==> flow/design.v <==
module sync_as_core #(
    parameter NBITS = 64
) (
    input wire aclk,
    input wire rst_n,
    input wire [NBITS-1:0] dataa,
    input wire [NBITS-1:0] datab,
    output reg [NBITS-1:0] q,
    output reg under
);
    reg [NBITS-1:0] dataa_reg;
    reg [NBITS-1:0] datab_reg;
    wire [NBITS:0] work = {1'b0, dataa_reg} - {1'b0, datab_reg};
    always @(posedge aclk or negedge rst_n) begin
        if (~rst_n) begin
            dataa_reg <= 0;
            datab_reg <= 0;
            q <= 0;
            under <= 1'b0;
        end else begin
            dataa_reg <= dataa;
            datab_reg <= datab;
            q <= work[NBITS-1:0];
            under <= work[NBITS];
        end
    end
endmodule
**From RTL to reports: sync_as_core**

What the tools print for sync_as_core, step after step.
Line numbers count from 1 in the design file above.
The mark n/a stands for no value.

- Top: sync_as_core
- Clock input: aclk
- Standard-cell library: sky130hd
- Timing corner: tt_025C_1v80

**Word level**

Counts by Yosys on the flattened word-level netlist (proc, flatten, opt, wreduce; memories kept). Register bits leave out memories and registers merged into their read ports (data or address); mux counts leave out enables and synchronous resets folded into registers. Print and check cells are left out. Cells with the same type and inputs are merged into one.

- $add $sub $neg: 1

Operator list:

| cell | count |
|---|---|
| 64-bit by 64-bit subtractor with 65-bit output | 1 |

- Elaborated cells: 5
- Register bits after elaboration: 193

**Logic depth**

Depth = most cells in a row (Yosys ltp): at word level without a register or memory, in the mapped netlist without a sequential cell, where the memories' decode and read muxes count.

- Depth after elaboration: 1
- ABC_AREA: 0
- Mapped depth: 12
- Mapped depth without buffers: 12

**Synthesis result**

Source: synth_stat.txt of the flow (Yosys; design flattened, memories mapped). It holds for the ABC_AREA given above (unset counts as 0); a run with the other value may have another netlist.
The area totals of this step are shown rounded.

- Cell area after synthesis: 0.00903 mm²
- Standard cells after synthesis: 831
- Flip-flop cells: 193
- Sequential area: 0.00483 mm²

Cells by type:

| cell type | count | total area (µm²) |
|---|---|---|
| sky130_fd_sc_hd__dfrtp_1 | 193 | 4.83E+03 |
| sky130_fd_sc_hd__ha_1 | 64 | 800.768 |
| sky130_fd_sc_hd__a21oi_1 | 76 | 380.365 |
| sky130_fd_sc_hd__xnor2_1 | 39 | 341.578 |
| sky130_fd_sc_hd__inv_1 | 88 | 330.317 |
| sky130_fd_sc_hd__a21o_1 | 37 | 277.766 |
| sky130_fd_sc_hd__nand2_1 | 63 | 236.477 |
| sky130_fd_sc_hd__xor2_1 | 21 | 183.926 |
| sky130_fd_sc_hd__o21ai_0 | 27 | 135.13 |
| sky130_fd_sc_hd__nand4_1 | 21 | 131.376 |
| sky130_fd_sc_hd__nor2_1 | 35 | 131.376 |
| sky130_fd_sc_hd__o21bai_1 | 14 | 105.101 |
| sky130_fd_sc_hd__a31oi_1 | 11 | 68.816 |
| sky130_fd_sc_hd__buf_2 | 11 | 55.053 |
| sky130_fd_sc_hd__o21a_1 | 7 | 52.55 |
| sky130_fd_sc_hd__nand3_1 | 10 | 50.048 |
| sky130_fd_sc_hd__o21ai_1 | 9 | 45.043 |
| sky130_fd_sc_hd__a21oi_2 | 4 | 35.034 |

Not listed: further types 56, cells in them 101.

**Worst setup path after synthesis**

OpenSTA on the mapped netlist: ideal clock, no wires. The path of least setup slack (recovery checks aside). Input and output delay are each 20% of the period. Register names are those of the netlist, which keeps one name where synthesis merged equal registers.

- Path kind: register to register
- From: register dataa_reg[0]
- To: register under
- Arrival time: 2482 ps
- Data required time: 3132 ps
- Time at the first pin: 0 ps
- Path delay: 2610 ps
- Period: 3260 ps
- Driving pins on the path: 13
- Slack: 650 ps
- Setup time: 128 ps
- Synthesis period reached: 2610 ps

"path delay" is the arrival time less input delay plus setup time.
"driving pins on the path" counts driving pins, that of a launching flip-flop among them; a cell with two outputs on the path counts twice.
"synthesis period reached" = period - worst setup slack (recovery checks aside). The figure is calculated, with input and output delays left at 20% of the set period.
The rows between start and end are the longest chain of elaborated cells between them; the timing report does not say that the signal goes this way. Where chains are equally long, one stands for them.
A line is the first line of the expression or statement that the cell stems from. Yosys adds cells for indexed reads and writes and turns some case tables into memories.

- Cell sequence: sky130_fd_sc_hd__dfrtp_1 > sky130_fd_sc_hd__inv_1 > sky130_fd_sc_hd__ha_1 > sky130_fd_sc_hd__fa_1 > sky130_fd_sc_hd__nand2b_1 > sky130_fd_sc_hd__a21oi_1 > sky130_fd_sc_hd__o311ai_1 > sky130_fd_sc_hd__a311o_1 > sky130_fd_sc_hd__o211ai_2 > sky130_fd_sc_hd__a21o_2 > sky130_fd_sc_hd__a31o_2 > sky130_fd_sc_hd__nor3b_1 > sky130_fd_sc_hd__o22ai_1
- Length of the longest elaborated chain: 1
- Elaborated cells between the ends (all ways): 1
- RTL lines with such cells: 1
- Those cells by class: 1 x add/sub

Ends and longest elaborated chain, after synthesis:

| what | RTL line | text |
|---|---|---|
| from (decl) | 11 | `reg [NBITS-1:0] dataa_reg;` |
| from (assign) | 16 | `dataa_reg <= 0;` |
| from (assign) | 21 | `dataa_reg <= dataa;` |
| 64-bit by 64-bit subtractor with 65-bit output | 13 | `wire [NBITS:0] work = {1'b0, dataa_reg} - {1'b0, datab_reg};` |
| to (assign) | 19 | `under <= 1'b0;` |
| to (assign) | 24 | `under <= work[NBITS];` |
| to (decl) | 9 | `output reg under` |

**Worst path after layout**

From the final timing report of flow run 2: the path of least setup slack in the routed layout; clock arrival at registers is part of the times.
The path's times are printed in steps of 10 ps; the period is the one set.

- Path kind: register to register
- From: register dataa_reg[17]
- To: register q[61]
- Setup time: 120 ps
- Data required time: 3660 ps
- Period: 3320 ps
- Driving pins on the path: 11
- Time at the first pin: 440 ps
- Arrival time: 3350 ps
- Slack: 310 ps

The rows between start and end are the longest chain of elaborated cells between them; the timing report does not say that the signal goes this way. Where chains are equally long, one stands for them.

- Cell sequence: sky130_fd_sc_hd__dfrtp_1 > sky130_fd_sc_hd__ha_1 > sky130_fd_sc_hd__nand4_1 > sky130_fd_sc_hd__or2_0 > sky130_fd_sc_hd__nor3b_2 > sky130_fd_sc_hd__o31ai_2 > sky130_fd_sc_hd__a21oi_2 > sky130_fd_sc_hd__nor2_2 > sky130_fd_sc_hd__o31ai_2 > sky130_fd_sc_hd__nor3_1 > sky130_fd_sc_hd__or3b_1
- Length of the longest elaborated chain: 1
- Elaborated cells between the ends (all ways): 1
- RTL lines with such cells: 1
- Those cells by class: 1 x add/sub

Ends and longest elaborated chain, post-layout:

| what | RTL line | text |
|---|---|---|
| from (decl) | 11 | `reg [NBITS-1:0] dataa_reg;` |
| from (assign) | 16 | `dataa_reg <= 0;` |
| from (assign) | 21 | `dataa_reg <= dataa;` |
| 64-bit by 64-bit subtractor with 65-bit output | 13 | `wire [NBITS:0] work = {1'b0, dataa_reg} - {1'b0, datab_reg};` |
| to (assign) | 18 | `q <= 0;` |
| to (assign) | 23 | `q <= work[NBITS-1:0];` |
| to (decl) | 8 | `output reg [NBITS-1:0] q,` |

Data sheet: physical implementation of sync_as_core

Module sync_as_core, platform sky130hd: 3 stored runs of the flow (Yosys, OpenROAD) with differing settings, in no particular order. Input and output delays are each 20% of the period that was set; the output load is 0.01 pF.
"reached clock period" means the clock period less the worst setup slack. The figure is calculated, with input and output delays left at 20% of the set period.
"time of the worst setup path" means the part of the period allowed to the worst setup path (the constraints hold back 20% at inputs and 20% at outputs) less its slack; where the path has registers, the arrival times of their clocks count too.
By "total power after layout" is meant OpenSTA's value without simulated activity: inputs other than the clock are taken to toggle once in ten clock periods, and the tool carries that through the logic.
"time of the worst setup path" is given in steps of 10 ps.
The measured numbers are rounded.

### Flow run 1

Settings: `period_ns=2.26`, `CORE_UTILIZATION=52`, `SETUP_SLACK_MARGIN=-0.18`, `PLACE_DENSITY_LB_ADDON=0.25`, `CORE_MARGIN=7`, `CELL_PAD_IN_SITES_DETAIL_PLACEMENT=1`, `TNS_END_PERCENT=100`, `ABC_AREA=1`, `GPL_TIMING_DRIVEN=0`, `GPL_ROUTABILITY_DRIVEN=1`, `CTS_CLUSTER_SIZE=51`, `CAP_MARGIN=35`, `MIN_ROUTING_LAYER=met1`, `SLEW_MARGIN=20`

No results, routing failed with DPL-0033.

### Flow run 2

Settings: `period_ns=3.32`, `CORE_UTILIZATION=23`, `PLACE_DENSITY_LB_ADDON=0.3`, `CORE_ASPECT_RATIO=0.94`, `CORE_MARGIN=5`, `CELL_PAD_IN_SITES_GLOBAL_PLACEMENT=2`, `GPL_ROUTABILITY_DRIVEN=1`, `CAP_MARGIN=20`, `SLEW_MARGIN=20`

- Die footprint: 0.0433 mm²
- Standard-cell area after routing: 0.0122 mm²
- Mapped cell area after synthesis: 0.00903 mm²
- Total power after layout: 6.36 mW
- Reached clock period: 3014 ps
- Setup TNS: 0 ps
- Post-route utilization: 0.313
- Worst slack on setup checks: 306 ps
- Time of the worst setup path: 3010 ps
- Worst path kind: register to register

### Flow run 3

Settings: `period_ns=3.26`, `CAP_MARGIN=20`, `CORE_MARGIN=2`, `CORE_UTILIZATION=40`, `SLEW_MARGIN=20`

- Die footprint: 0.0238 mm²
- Standard-cell area after routing: 0.0119 mm²
- Mapped cell area after synthesis: 0.00903 mm²
- Total power after layout: 6.40 mW
- Reached clock period: 3014 ps
- Setup TNS: 0 ps
- Post-route utilization: 0.539
- Worst slack on setup checks: 246 ps
- Time of the worst setup path: 3010 ps
- Worst path kind: register to register
